==> flow/design.v <==
module u_order #(
  parameter W = 40
) (
  input clk,
  input aresetn,
  input [W-1:0] src1_in,
  input [W-1:0] src2_in,
  output le_out
);
  reg [W-1:0] src1_r;
  reg [W-1:0] src2_r;
  always @(posedge clk) begin
    if (~aresetn) begin
      src1_r <= 0;
      src2_r <= 0;
    end else begin
      src1_r <= src1_in;
      src2_r <= src2_in;
    end
  end
  assign le_out = (src1_r <= src2_r);
endmodule
=== Step by step through the tools: u_order ===
Tool output for the design above, in the order of the flow.
Lines are those of the file above, counted from 1.
Cell names lack the library's common part.
The mark - stands for no value.

* Design top: u_order
* Clock: clk
* Cell library: sky130hd
* Library corner: tt_025C_1v80

=== Elaborated design ===
Yosys after proc, flatten, opt, wreduce and memory -nomap, before mapping. Enables and synchronous resets that opt folds into registers are not counted as muxes. Memory bits, and registers merged into a memory's read port (data or address), are not among the register bits. Print and check cells are not counted. Equal cells are merged and count once.

* Bits in registers: 80
* Input bits: 82
* Elaborated cells: 3

* Magnitude comparators: 1

{| class="wikitable"
|+ Operators with widths
! cell !! count
|-
| <= comparator 40 bit || 1
|}

=== Logic depth ===
Yosys ltp: most cells in a row. Word level: on the elaborated netlist, between registers, memories and ports. Mapped: between sequential cells and ports; inverters and the memories' decode and read muxes count.

* Depth after elaboration: 1
* ABC_AREA: 0
* Mapped depth: 8

=== After synthesis ===
Yosys stat after the flow's synthesis: flattened, memories mapped to cells. It holds for the ABC_AREA given above (unset counts as 0); a run with the other value may have another netlist.
The area totals of this step are shown rounded.

* Cell count: 310
* Chip area (Yosys): 0.003139 sq mm
* Flip-flops: 80
* Buffer cells: 8

{| class="wikitable"
|+ Cell types
! type !! count
|-
| dfxtp_1 || 80
|-
| and2_1 || 80
|-
| ha_1 || 40
|-
| inv_1 || 42
|-
| a21oi_1 || 15
|-
| nand4_1 || 10
|-
| a21o_1 || 5
|-
| clkbuf_1 || 8
|-
| o21ai_0 || 5
|-
| nand3_1 || 4
|-
| nand2_1 || 5
|-
| nor3_1 || 3
|-
| nor4_1 || 2
|-
| a221o_1 || 1
|-
| mux2i_1 || 1
|-
| nor3_2 || 1
|-
| o21ai_1 || 2
|-
| a2111oi_0 || 1
|}

Not listed: further types 5, cells in them 5.

=== Worst setup path after synthesis ===
Source: OpenSTA report_checks on the synthesized netlist (no wires, ideal clock, input and output delay 20% of the period each), path of least setup slack; recovery checks are left aside. Register names are those of the netlist, which keeps one name where synthesis merged equal registers.

* Path type: register to output
* Start: register src2_r[38]
* End: output le_out
* Clock period: 2.41 ns
* Time at the first pin: 0.000 ns
* Arrival time: 1.543 ns
* Slack: 0.385 ns
* Delay of the path: 1.543 ns
* Driving pins on the path: 9
* Buffers on the path: 0
* Period reached after synthesis: 2.025 ns

"delay of the path" is the arrival time less input delay plus setup time.
A path that ends at an output port has no setup time.
"driving pins on the path" counts driving pins, that of a launching flip-flop among them; a cell with two outputs on the path counts twice.
"period reached after synthesis" is the clock period less the worst setup slack; recovery checks do not enter. This is arithmetic on one report: input and output delays are still those of the set period (20% each).
Between the ends stands the longest chain of elaborated cells between them, by number of cells; it is not shown to be the way that was timed. Of several equally long chains one is given.
A line is the first line of the expression or statement that the cell stems from. Yosys adds cells for indexed reads and writes and turns some case tables into memories.

* Cells stage by stage: dfxtp_1 -> inv_1 -> ha_1 -> a21oi_2 -> nand2_1 -> a221o_1 -> nor3_2 -> o21ai_1 -> o21ai_1
* Cells in the longest elaborated chain: 1
* Elaborated cells on any way between the ends: 1
* Those cells by class: 1 x compare

{| class="wikitable"
|+ Ends and longest elaborated chain, after synthesis
! what !! RTL line !! text
|-
| from (decl) || 11 || <nowiki>reg [W-1:0] src2_r;</nowiki>
|-
| from (assign) || 15 || <nowiki>src2_r <= 0;</nowiki>
|-
| from (assign) || 18 || <nowiki>src2_r <= src2_in;</nowiki>
|-
| <= comparator 40 bit || 21 || <nowiki>assign le_out = (src1_r <= src2_r);</nowiki>
|-
| to (decl) || 8 || <nowiki>output le_out</nowiki>
|}

=== Worst path after layout ===
Path of least setup slack in the final report of job 1 (OpenROAD, finished layout, wires in). Where an end is a register, its clock arrival counts in the times.

* Path type: register to output
* Start: register src2_r[34]
* End: output le_out
* Clock period: 2.91 ns
* Time at the first pin: 0.32 ns
* Arrival time: 2.12 ns
* Slack: 0.21 ns
* Driving pins on the path: 10
* Buffers on the path: 3

Between the ends stands the longest chain of elaborated cells between them, by number of cells; it is not shown to be the way that was timed. Of several equally long chains one is given.

* Cells stage by stage: dfxtp_1 -> inv_1 -> ha_1 -> nand4_1 -> buf_4 -> nor4_4 -> buf_4 -> mux2i_1 -> o21ai_1 -> buf_2
* Cells in the longest elaborated chain: 1
* Elaborated cells on any way between the ends: 1
* Those cells by class: 1 x compare

{| class="wikitable"
|+ Ends and longest elaborated chain, post-layout
! what !! RTL line !! text
|-
| from (decl) || 11 || <nowiki>reg [W-1:0] src2_r;</nowiki>
|-
| from (assign) || 15 || <nowiki>src2_r <= 0;</nowiki>
|-
| from (assign) || 18 || <nowiki>src2_r <= src2_in;</nowiki>
|-
| <= comparator 40 bit || 21 || <nowiki>assign le_out = (src1_r <= src2_r);</nowiki>
|-
| to (decl) || 8 || <nowiki>output le_out</nowiki>
|}

## Implementation results

Record of 3 stored runs of the RTL-to-layout flow on u_order, platform sky130hd. The runs are unordered. Constraints: input delay and output delay 20% of the set period each, output load 0.01 pF.
"period achieved": clock period set for the run, less the worst setup slack. It is reckoned from that one timing run; input and output delays stay at 20% of the period that was set.
"critical path time" = time allowed to the worst setup path (clock period - input delay - output delay, where it has them) - its slack; a late launch clock adds to it, a late capture clock takes from it.
"total power after layout": no workload was simulated; the value follows from the tool's default switching activity.
Results are given in rounded form.

=== Job 1 ===
{| class="wikitable"
! Setting !! Value
|-
| period_ns || 2.91
|-
| CORE_UTILIZATION || 25
|-
| SETUP_SLACK_MARGIN || 0.65
|-
| PLACE_DENSITY_LB_ADDON || 0.07
|-
| CORE_ASPECT_RATIO || 1.11
|-
| CORE_MARGIN || 2
|-
| ABC_AREA || 0
|-
| CTS_CLUSTER_DIAMETER || 84
|-
| SLEW_MARGIN || 0
|-
| CAP_MARGIN || 20
|-
! Result !! Value
|-
| Standard-cell area of the final layout || 0.004584 sq mm
|-
| Post-route setup TNS || 0.000 ns
|-
| Area inside the die boundary || 0.01347 sq mm
|-
| Worst hold slack || 0.812 ns
|-
| Synthesis area || 0.003139 sq mm
|-
| Period achieved || 2.700 ns
|-
| Final design utilization || 37.0 %
|-
| Total power after layout || 2522 uW
|-
| Worst slack on setup checks || 0.210 ns
|-
| Critical path time || 2.12 ns
|-
| Critical path type || register to output
|}

=== Job 2 ===
{| class="wikitable"
! Setting !! Value
|-
| period_ns || 2.41
|-
| CAP_MARGIN || 20
|-
| CORE_MARGIN || 2
|-
| CORE_UTILIZATION || 40
|-
| SLEW_MARGIN || 20
|-
! Result !! Value
|-
| Standard-cell area of the final layout || 0.004532 sq mm
|-
| Post-route setup TNS || -0.178 ns
|-
| Area inside the die boundary || 0.008573 sq mm
|-
| Worst hold slack || 0.710 ns
|-
| Synthesis area || 0.003139 sq mm
|-
| Period achieved || 2.588 ns
|-
| Final design utilization || 59.3 %
|-
| Total power after layout || 2908 uW
|-
| Worst slack on setup checks || -0.178 ns
|-
| Critical path time || 2.11 ns
|-
| Critical path type || register to output
|}

=== Job 3 ===
{| class="wikitable"
! Setting !! Value
|-
| period_ns || 3.59
|-
| CORE_UTILIZATION || 54
|-
| SETUP_SLACK_MARGIN || 0.04
|-
| PLACE_DENSITY_LB_ADDON || 0.26
|-
| CELL_PAD_IN_SITES_GLOBAL_PLACEMENT || 0
|-
| TNS_END_PERCENT || 20
|-
| CAP_MARGIN || 25
|-
| MIN_ROUTING_LAYER || met2
|-
| CORE_MARGIN || 2
|-
| SLEW_MARGIN || 20
|-
! Result !! Value
|-
| Standard-cell area of the final layout || 0.004297 sq mm
|-
| Post-route setup TNS || 0.000 ns
|-
| Area inside the die boundary || 0.006439 sq mm
|-
| Worst hold slack || 0.858 ns
|-
| Synthesis area || 0.003139 sq mm
|-
| Period achieved || 3.382 ns
|-
| Final design utilization || 77.1 %
|-
| Total power after layout || 2007 uW
|-
| Worst slack on setup checks || 0.208 ns
|-
| Critical path time || 2.66 ns
|-
| Critical path type || register to output
|}
